==> flow/design.v <==
module mem_top (core_clk, in_write, in_wa, in_write_data, in_rd_addr, out_read_data);
  parameter integer DEPTH = 24;
  parameter integer WD = 16;
  parameter integer RP = 4;
  parameter integer WPORTS = 6;
  localparam integer ADDR_W = $clog2(DEPTH);
  input core_clk;
  input [WPORTS-1:0] in_write;
  input [WPORTS*ADDR_W-1:0] in_wa;
  input [WPORTS*WD-1:0] in_write_data;
  input [RP*ADDR_W-1:0] in_rd_addr;
  output [RP*WD-1:0] out_read_data;
  reg [WD-1:0] store [DEPTH-1:0];
  integer idx;
  always @(posedge core_clk) begin
    for (idx = 0; idx < WPORTS; idx = idx + 1)
      if (in_write[idx]) store[in_wa[idx*ADDR_W +: ADDR_W]] <= in_write_data[idx*WD +: WD];
  end
  wire [RP*WD-1:0] cur;
  genvar j;
  generate
    for (j = 0; j < RP; j = j + 1) begin : stage
      assign cur[j*WD +: WD] = store[in_rd_addr[j*ADDR_W +: ADDR_W]];
    end
  endgenerate
  assign out_read_data = cur;
endmodule
Reports on mem_top
Tool output for the design above, in the order of the flow.
Line numbers count from 1 in the design file above.
Library cell names are shortened.
A cell with -- has no value.
Design
  top: mem_top
  clock input: core_clk
  standard-cell library: sky130hd
  timing corner: tt_025C_1v80

After elaboration
Counts by Yosys on the flattened word-level netlist (proc, flatten, opt, wreduce; memories kept). Register bits leave out memories and registers merged into their read ports (data or address); mux counts leave out enables and synchronous resets folded into registers. Print and check cells are left out. Cells with the same type and inputs are merged into one.
Yosys's memory passes give these memory sizes; they may raise the number of words (mostly to a power of two), join words into wider ones and drop unused or constant bits.
Word-level totals
  word-level cells: 19
  memories kept: 1
  input bits: 153
  output and inout bits: 64
  register bits after elaboration: 0
  RAM bits: 384
Cells by class
  mux-type cells: 18
Memories
  store: depth 24, width 16, rd ports 4, wr ports 6, RTL line 13  | reg [WD-1:0] store [DEPTH-1:0];
Operators by type and width (count)
  two-way mux 16 bit: 6
  two-way mux 5 bit: 6
  two-way mux 1 bit: 6

Logic depth
Depth = most cells in a row (Yosys ltp): at word level without a register or memory, in the mapped netlist without a sequential cell, where the memories' decode and read muxes count.
Depth
  word-level depth: 1
  ABC_AREA: 0
  depth in mapped cells: 9
  depth with buffers taken out: 5

After synthesis
The flow's flattened synthesis, as Yosys stat reports it; memories are mapped. The netlist is that of the ABC_AREA named above (0 if unset); the other value can give another one.
Cell types
  edfxtp_1: count 384, area in all 1.15E+04 um^2
  mux4_2: count 256, area in all 5765.53 um^2
  mux2i_1: count 446, area in all 4.46E+03 um^2
  nor2_1: count 520, area in all 1.95E+03 um^2
  nand2_1: count 488, area in all 1.83E+03 um^2
  clkbuf_1: count 439, area in all 1647.83 um^2
  o22ai_1: count 244, area in all 1.53E+03 um^2
  a221oi_1: count 124, area in all 1.09E+03 um^2
  o221ai_1: count 124, area in all 1.09E+03 um^2
  a22oi_1: count 142, area in all 1.07E+03 um^2
  a21oi_1: count 206, area in all 1.03E+03 um^2
  a211oi_1: count 132, area in all 990.95 um^2
  mux2_2: count 85, area in all 957.168 um^2
  a311oi_1: count 92, area in all 805.773 um^2
  buf_2: count 159, area in all 795.763 um^2
  o21ai_0: count 125, area in all 625.6 um^2
  nand3_1: count 111, area in all 555.533 um^2
  a211o_1: count 63, area in all 551.779 um^2
Other cell types: 76; their cells: 856.
Mapped netlist
  flip-flops: 384
  mapped cells: 4996
  cell area after synthesis: 44715.4 um^2
  area of sequential cells: 11531.1 um^2
  buffer cells: 676

Path before layout
OpenSTA on the mapped netlist: ideal clock, no wires. The path of least setup slack (recovery checks aside). Input and output delay are each 20% of the period. Register names are those of the netlist, which keeps one name where synthesis merged equal registers.
Path post-synthesis
  kind: input port to flip-flop
  from: input port in_wa[4]
  to: memory store[6][0]
  stages on the path: 3
  period: 4.78 ns
  time at the first pin: 0.956 ns
  data required time: 4.333 ns
  slack: 0.767 ns
  delay of the path: 3.057 ns
  path buffers: 1
  library setup time: 0.447 ns
  data arrival time: 3.566 ns
  input delay: 0.956 ns
  period reached after synthesis: 4.013 ns
"delay of the path" is the arrival time less input delay plus setup time.
"stages on the path": output pins that drive a net of the path, with the launching flip-flop's if there is one; two outputs of one cell count as two.
"period reached after synthesis" is the clock period less the worst setup slack; recovery checks do not enter. This is arithmetic on one report: input and output delays are still those of the set period (20% each).
The rows between start and end are the longest chain of elaborated cells between them; the timing report does not say that the signal goes this way. Where chains are equally long, one stands for them.
Each line given opens the expression or statement behind the cell; cells for indexed reads and writes are added by Yosys, which also makes memories of some case tables.
On the way, post-synthesis
  cell sequence: clkbuf_1 > or3b_2 > o311ai_0
  cells in the longest elaborated chain: 1
  elaborated cells between the ends (all ways): 1
  RTL lines with such cells: 1
  those cells by class: mux: 1
RTL lines, path post-synthesis
  start: declaration: RTL line 9  | input [WPORTS*ADDR_W-1:0] in_wa;
  two-way mux 5 bit: RTL line 17  | if (in_write[idx]) store[in_wa[idx*ADDR_W +: ADDR_W]] <= in_write_data[idx*WD +: WD];
  end: declaration: RTL line 13  | reg [WD-1:0] store [DEPTH-1:0];

Path in the finished layout
From the final timing report of entry A: the path of least setup slack in the routed layout; clock arrival at registers is part of the times.
Path after layout
  kind: flip-flop to output port
  from: memory store[6][8]
  to: output port out_read_data[56]
  slack: -0.55 ns
  period: 2.88 ns
  data arrival time: 2.85 ns
  output delay: 0.58 ns
  path buffers: 3
  data required time: 2.30 ns
  time at the first pin: 0.56 ns
  stages on the path: 9
The rows between start and end are the longest chain of elaborated cells between them; the timing report does not say that the signal goes this way. Where chains are equally long, one stands for them.
The chain passes a memory read, where the word-level depth is cut; so it can be longer than that depth.
On the way, after layout
  cell sequence: edfxtp_1 > buf_6 > mux4_2 > nand2b_4 > a21oi_4 > a311oi_4 > buf_4 > a21oi_4 > buf_6
  cells in the longest elaborated chain: 1
  elaborated cells between the ends (all ways): 1
  RTL lines with such cells: 1
  those cells by class: memory: 1
RTL lines, path after layout
  start: declaration: RTL line 13  | reg [WD-1:0] store [DEPTH-1:0];
  memory (24 x 16 bit): RTL line 13
  end: declaration: RTL line 12  | output [RP*WD-1:0] out_read_data;

Top module mem_top; platform sky130hd; tools Yosys and OpenROAD; 2 stored runs in no particular order. Input and output delays are each 20% of the period that was set; the output load is 0.01 pF.
"achieved clock period (ns)" means the clock period less the worst setup slack. The figure is calculated, with input and output delays left at 20% of the set period.
"worst setup path time (ns)": the worst setup path's part of the clock period (all of it between registers, 20% less for each end at a port) less its slack. A launch clock that arrives late makes it longer, a capture clock that arrives late makes it shorter.
"finish__power__total" is the tool's figure for a default switching activity; nothing was simulated.

settings of entry A
{
  "period_ns": 2.88,
  "CORE_UTILIZATION": 17,
  "SETUP_SLACK_MARGIN": -0.02,
  "PLACE_DENSITY_LB_ADDON": 0.11,
  "TNS_END_PERCENT": 75,
  "GPL_ROUTABILITY_DRIVEN": 0,
  "CTS_CLUSTER_SIZE": 65,
  "CTS_CLUSTER_DIAMETER": 355,
  "SLEW_MARGIN": 5,
  "MAX_ROUTING_LAYER": "met4",
  "CAP_MARGIN": 20,
  "CORE_MARGIN": 2
}
report of entry A
yosys chip area after synthesis (um^2): 44715.4
finish__design__die__area: 267149.0
finish__design__instance__area__stdcell: 64279.1
finish__design__instance__utilization: 0.2453
finish__timing__setup__ws: -0.551
finish__timing__setup__tns: -16.156
finish__timing__hold__ws: 0.617
finish__power__total: 1.901e-02
achieved clock period (ns): 3.431
worst setup path time (ns): 2.85
worst setup path kind: flip-flop to output port

settings of entry B
{
  "period_ns": 6.52,
  "CORE_UTILIZATION": 71,
  "PLACE_DENSITY_LB_ADDON": 0.06,
  "HOLD_SLACK_MARGIN": 0.02,
  "CORE_ASPECT_RATIO": 1.14,
  "ABC_AREA": 0,
  "CTS_CLUSTER_DIAMETER": 396,
  "CAP_MARGIN": 15,
  "CORE_MARGIN": 2,
  "SLEW_MARGIN": 20
}
report of entry B: did not finish, route, GRT-0116
